==> flow/design.v <==
module comparator_blk #(
    parameter integer W = 32
) (
    input  logic sys_clk,
    input  logic [W-1:0] i_A,
    input  logic [W-1:0] i_B,
    output logic o_is_eq
);
    logic [W-1:0] r_A;
    always_ff @(posedge sys_clk) begin
        r_A <= i_A;
    end
    logic [W-1:0] r_B;
    always_ff @(posedge sys_clk) begin
        r_B <= i_B;
    end
    logic [W-1:0] nxt;
    assign nxt = r_A ^ r_B;
    always_ff @(posedge sys_clk) begin
        o_is_eq <= (nxt == 0);
    end
endmodule
## From RTL to reports: comparator_blk

The steps from the RTL of comparator_blk to its reports follow in flow order.
Line numbers count from 1 in the design file above.
Cell names lack the library's common part.
Not given: -

| inputs | value |
|---|---|
| top | comparator_blk |
| clock | sys_clk |
| cell library | sky130hd |
| library corner | tt_025C_1v80 |

## Elaborated design

Yosys after proc, flatten, opt, wreduce and memory -nomap, before mapping. Enables and synchronous resets that opt folds into registers are not counted as muxes. Memory bits, and registers merged into a memory's read port (data or address), are not among the register bits. Print and check cells are not counted. Equal cells are merged and count once.

| cells by class | value |
|---|---|
| reduce/logical cells | 1 |
| $add $sub $neg | 0 |
| $lt $le $gt $ge | 0 |
| shift operators | 0 |
| multipliers | 0 |
| muxes and demuxes | 0 |
| divide/modulo/power cells | 0 |
| equality and inequality tests | 0 |
| bitwise operators | 1 |

Operators by type and width:

| cell | count |
|---|---|
| 32-bit bitwise XOR | 1 |
| 32-bit zero test | 1 |

| storage and ports | value |
|---|---|
| bits of input ports | 65 |
| memories | 0 |
| elaborated cells | 5 |
| memory bits (writable) | 0 |
| register bits after elaboration | 65 |
| output and inout bits | 1 |
| ROM bits | 0 |
| clocked read ports x word width | 0 |
| latch bits | 0 |

## Longest topological paths

Longest topological path by Yosys (ltp), each cell counted once; first at word level (registers and memories cut), then after technology mapping (sequential cells cut; the memories' decode and read muxes count).

| logic depth | value |
|---|---|
| word-level depth | 2 |
| ABC_AREA | 0 |
| mapped depth | 4 |
| gate-level depth less buffers | 4 |

## Mapped cells and area

Yosys stat after the flow's synthesis: flattened, memories mapped to cells. It holds for the ABC_AREA given above (unset counts as 0); a run with the other value may have another netlist.

| mapped netlist | value |
|---|---|
| standard cells after synthesis | 108 |
| cell area after synthesis | 1647.8 µm² |
| sequential part of the area | 1301.2 µm² |
| buffer cells | 0 |
| flip-flops | 65 |

Cell types:

| cell type | count | total area (µm²) |
|---|---|---|
| dfxtp_1 | 65 | 1.3E+03 |
| xor2_1 | 32 | 280.269 |
| nor4_1 | 8 | 50.048 |
| nand4_1 | 2 | 12.512 |
| nor2_1 | 1 | 3.754 |

## Path before layout

Path of least setup slack by OpenSTA after synthesis, without wires, with an ideal clock, recovery checks aside; 20% of the period is set as input and as output delay. Where synthesis merged equal registers, the netlist keeps one of their names.

| path post-synthesis | value |
|---|---|
| path type | reg2reg |
| start | register r_B[31] |
| end | register o_is_eq |
| data arrival time | 885 ps |
| launch time at the first pin | 0 ps |
| required time | 1125 ps |
| period | 1190 ps |
| stages on the path | 5 |
| library setup time | 65 ps |
| path delay | 950 ps |
| slack | 241 ps |
| path buffers | 0 |
| synthesis period reached | 949 ps |

"path delay" is the arrival time less input delay plus setup time.
"stages on the path" counts driving pins, that of a launching flip-flop among them; a cell with two outputs on the path counts twice.
"synthesis period reached" = period - worst setup slack (recovery checks aside). The figure is calculated, with input and output delays left at 20% of the set period.
Between the ends stands the longest chain of elaborated cells between them, by number of cells; it is not shown to be the way that was timed. Of several equally long chains one is given.
A line is the first line of the expression or statement that the cell stems from. Yosys adds cells for indexed reads and writes and turns some case tables into memories.

| on the way, post-synthesis | value |
|---|---|
| path through | dfxtp_1 xor2_1 nor4_1 nand4_1 nor2_1 |
| length of the longest elaborated chain | 2 |
| elaborated cells between the ends (all ways) | 2 |
| source lines of those cells | 2 |
| those cells by class | logic: 1; reduce/logical: 1 |

Ends and longest elaborated chain, post-synthesis:

| item | RTL line | text |
|---|---|---|
| start, declared | 13 | `logic [W-1:0] r_B;` |
| start, assigned | 15 | `r_B <= i_B;` |
| 32-bit bitwise XOR | 18 | `assign nxt = r_A ^ r_B;` |
| 32-bit zero test | 20 | `o_is_eq <= (nxt == 0);` |
| end, assigned | 20 |  |
| end, declared | 7 | `output logic o_is_eq` |

## Timing after layout

From the final timing report of stored run 1: the path of least setup slack in the routed layout; clock arrival at registers is part of the times.
The path's times are printed in steps of 10 ps; the period is the one set.

| path post-layout | value |
|---|---|
| path type | reg2out |
| start | register o_is_eq |
| end | output o_is_eq |
| period | 1190 ps |
| path buffers | 1 |
| slack | 60 ps |
| required time | 950 ps |
| data arrival time | 890 ps |
| output delay | 240 ps |
| launch time at the first pin | 320 ps |
| stages on the path | 2 |

| on the way, post-layout | value |
|---|---|
| path through | dfxtp_1 dlygate4sd2_1 |
| length of the longest elaborated chain | 0 |
| elaborated cells between the ends (all ways) | 0 |
| source lines of those cells | 0 |

Ends and longest elaborated chain, post-layout:

| item | RTL line | text |
|---|---|---|
| start, declared | 7 | `output logic o_is_eq` |
| start, assigned | 20 | `o_is_eq <= (nxt == 0);` |
| end, declared | 7 |  |

# Flow runs of comparator_blk

Module comparator_blk, platform sky130hd: 3 stored runs of the flow (Yosys, OpenROAD) with differing settings, in no particular order. Input and output delays are each 20% of the period that was set; the output load is 0.01 pF.
"period reached" = clock period - worst setup slack. The figure is calculated, with input and output delays left at 20% of the set period.
By "total power of the final layout" is meant OpenSTA's value without simulated activity: inputs other than the clock are taken to toggle once in ten clock periods, and the tool carries that through the logic.

## Stored run 1

==> flow/run.sh <==
#!/bin/bash
# the make line also repeats the synthesis and layout settings of config.mk as NAME=value (left out here)
make -C /OpenROAD-flow-scripts/flow DESIGN_CONFIG=/design/flow/config.mk WORK_HOME=/design/flow/orfs CLKGATE_MAP_FILE= finish
==> flow/config.mk <==
export PLATFORM = sky130hd
export DESIGN_NAME = comparator_blk
export DESIGN_NICKNAME = comparator_blk
export VERILOG_FILES = /design/flow/design.v
export SDC_FILE = /design/flow/constraint.sdc
export NUM_CORES = 4
export LEC_CHECK = 0
export CAP_MARGIN = 20
export CORE_MARGIN = 2
export CORE_UTILIZATION = 40
export SLEW_MARGIN = 20
==> flow/constraint.sdc <==
create_clock -name core_clock -period 1.19 [get_ports {sys_clk}]
set_input_delay 0.2380 -clock core_clock [delete_from_list [all_inputs] [get_ports {sys_clk}]]
set_output_delay 0.2380 -clock core_clock [all_outputs]
set_load 0.01 [all_outputs]

| result of stored run 1 | value |
|---|---|
| worst slack on setup checks | 63 ps |
| total power of the final layout | 4831 uW |
| period reached | 1127 ps |
| worst hold slack after layout | 345 ps |
| full die area | 4649.2 µm² |
| mapped cell area after synthesis | 1647.8 µm² |
| total negative slack | 0 ps |
| post-layout utilization | 0.661 |

## Stored run 2

==> flow/run.sh <==
#!/bin/bash
# the make line also repeats the synthesis and layout settings of config.mk as NAME=value (left out here)
make -C /OpenROAD-flow-scripts/flow DESIGN_CONFIG=/design/flow/config.mk WORK_HOME=/design/flow/orfs CLKGATE_MAP_FILE= finish
==> flow/config.mk <==
export PLATFORM = sky130hd
export DESIGN_NAME = comparator_blk
export DESIGN_NICKNAME = comparator_blk
export VERILOG_FILES = /design/flow/design.v
export SDC_FILE = /design/flow/constraint.sdc
export NUM_CORES = 4
export LEC_CHECK = 0
export CAP_MARGIN = 20
export CELL_PAD_IN_SITES_DETAIL_PLACEMENT = 1
export CORE_MARGIN = 2
export CORE_UTILIZATION = 61
export GPL_ROUTABILITY_DRIVEN = 0
export GPL_TIMING_DRIVEN = 1
export SLEW_MARGIN = 20
==> flow/constraint.sdc <==
create_clock -name core_clock -period 1.49 [get_ports {sys_clk}]
set_input_delay 0.2980 -clock core_clock [delete_from_list [all_inputs] [get_ports {sys_clk}]]
set_output_delay 0.2980 -clock core_clock [all_outputs]
set_load 0.01 [all_outputs]

Stored run 2: unfinished; tool error in placement

## Stored run 3

==> flow/run.sh <==
#!/bin/bash
# the make line also repeats the synthesis and layout settings of config.mk as NAME=value (left out here)
make -C /OpenROAD-flow-scripts/flow DESIGN_CONFIG=/design/flow/config.mk WORK_HOME=/design/flow/orfs CLKGATE_MAP_FILE= finish
==> flow/config.mk <==
export PLATFORM = sky130hd
export DESIGN_NAME = comparator_blk
export DESIGN_NICKNAME = comparator_blk
export VERILOG_FILES = /design/flow/design.v
export SDC_FILE = /design/flow/constraint.sdc
export NUM_CORES = 4
export LEC_CHECK = 0
export CAP_MARGIN = 20
export CELL_PAD_IN_SITES_GLOBAL_PLACEMENT = 2
export CORE_MARGIN = 3
export CORE_UTILIZATION = 15
export PLACE_DENSITY = 0.52
export SLEW_MARGIN = 20
export TNS_END_PERCENT = 75
==> flow/constraint.sdc <==
create_clock -name core_clock -period 1.86 [get_ports {sys_clk}]
set_input_delay 0.3720 -clock core_clock [delete_from_list [all_inputs] [get_ports {sys_clk}]]
set_output_delay 0.3720 -clock core_clock [all_outputs]
set_load 0.01 [all_outputs]

| result of stored run 3 | value |
|---|---|
| worst slack on setup checks | 324 ps |
| total power of the final layout | 2649 uW |
| period reached | 1536 ps |
| worst hold slack after layout | 478 ps |
| full die area | 12278.9 µm² |
| mapped cell area after synthesis | 1647.8 µm² |
| total negative slack | 0 ps |
| post-layout utilization | 0.25 |
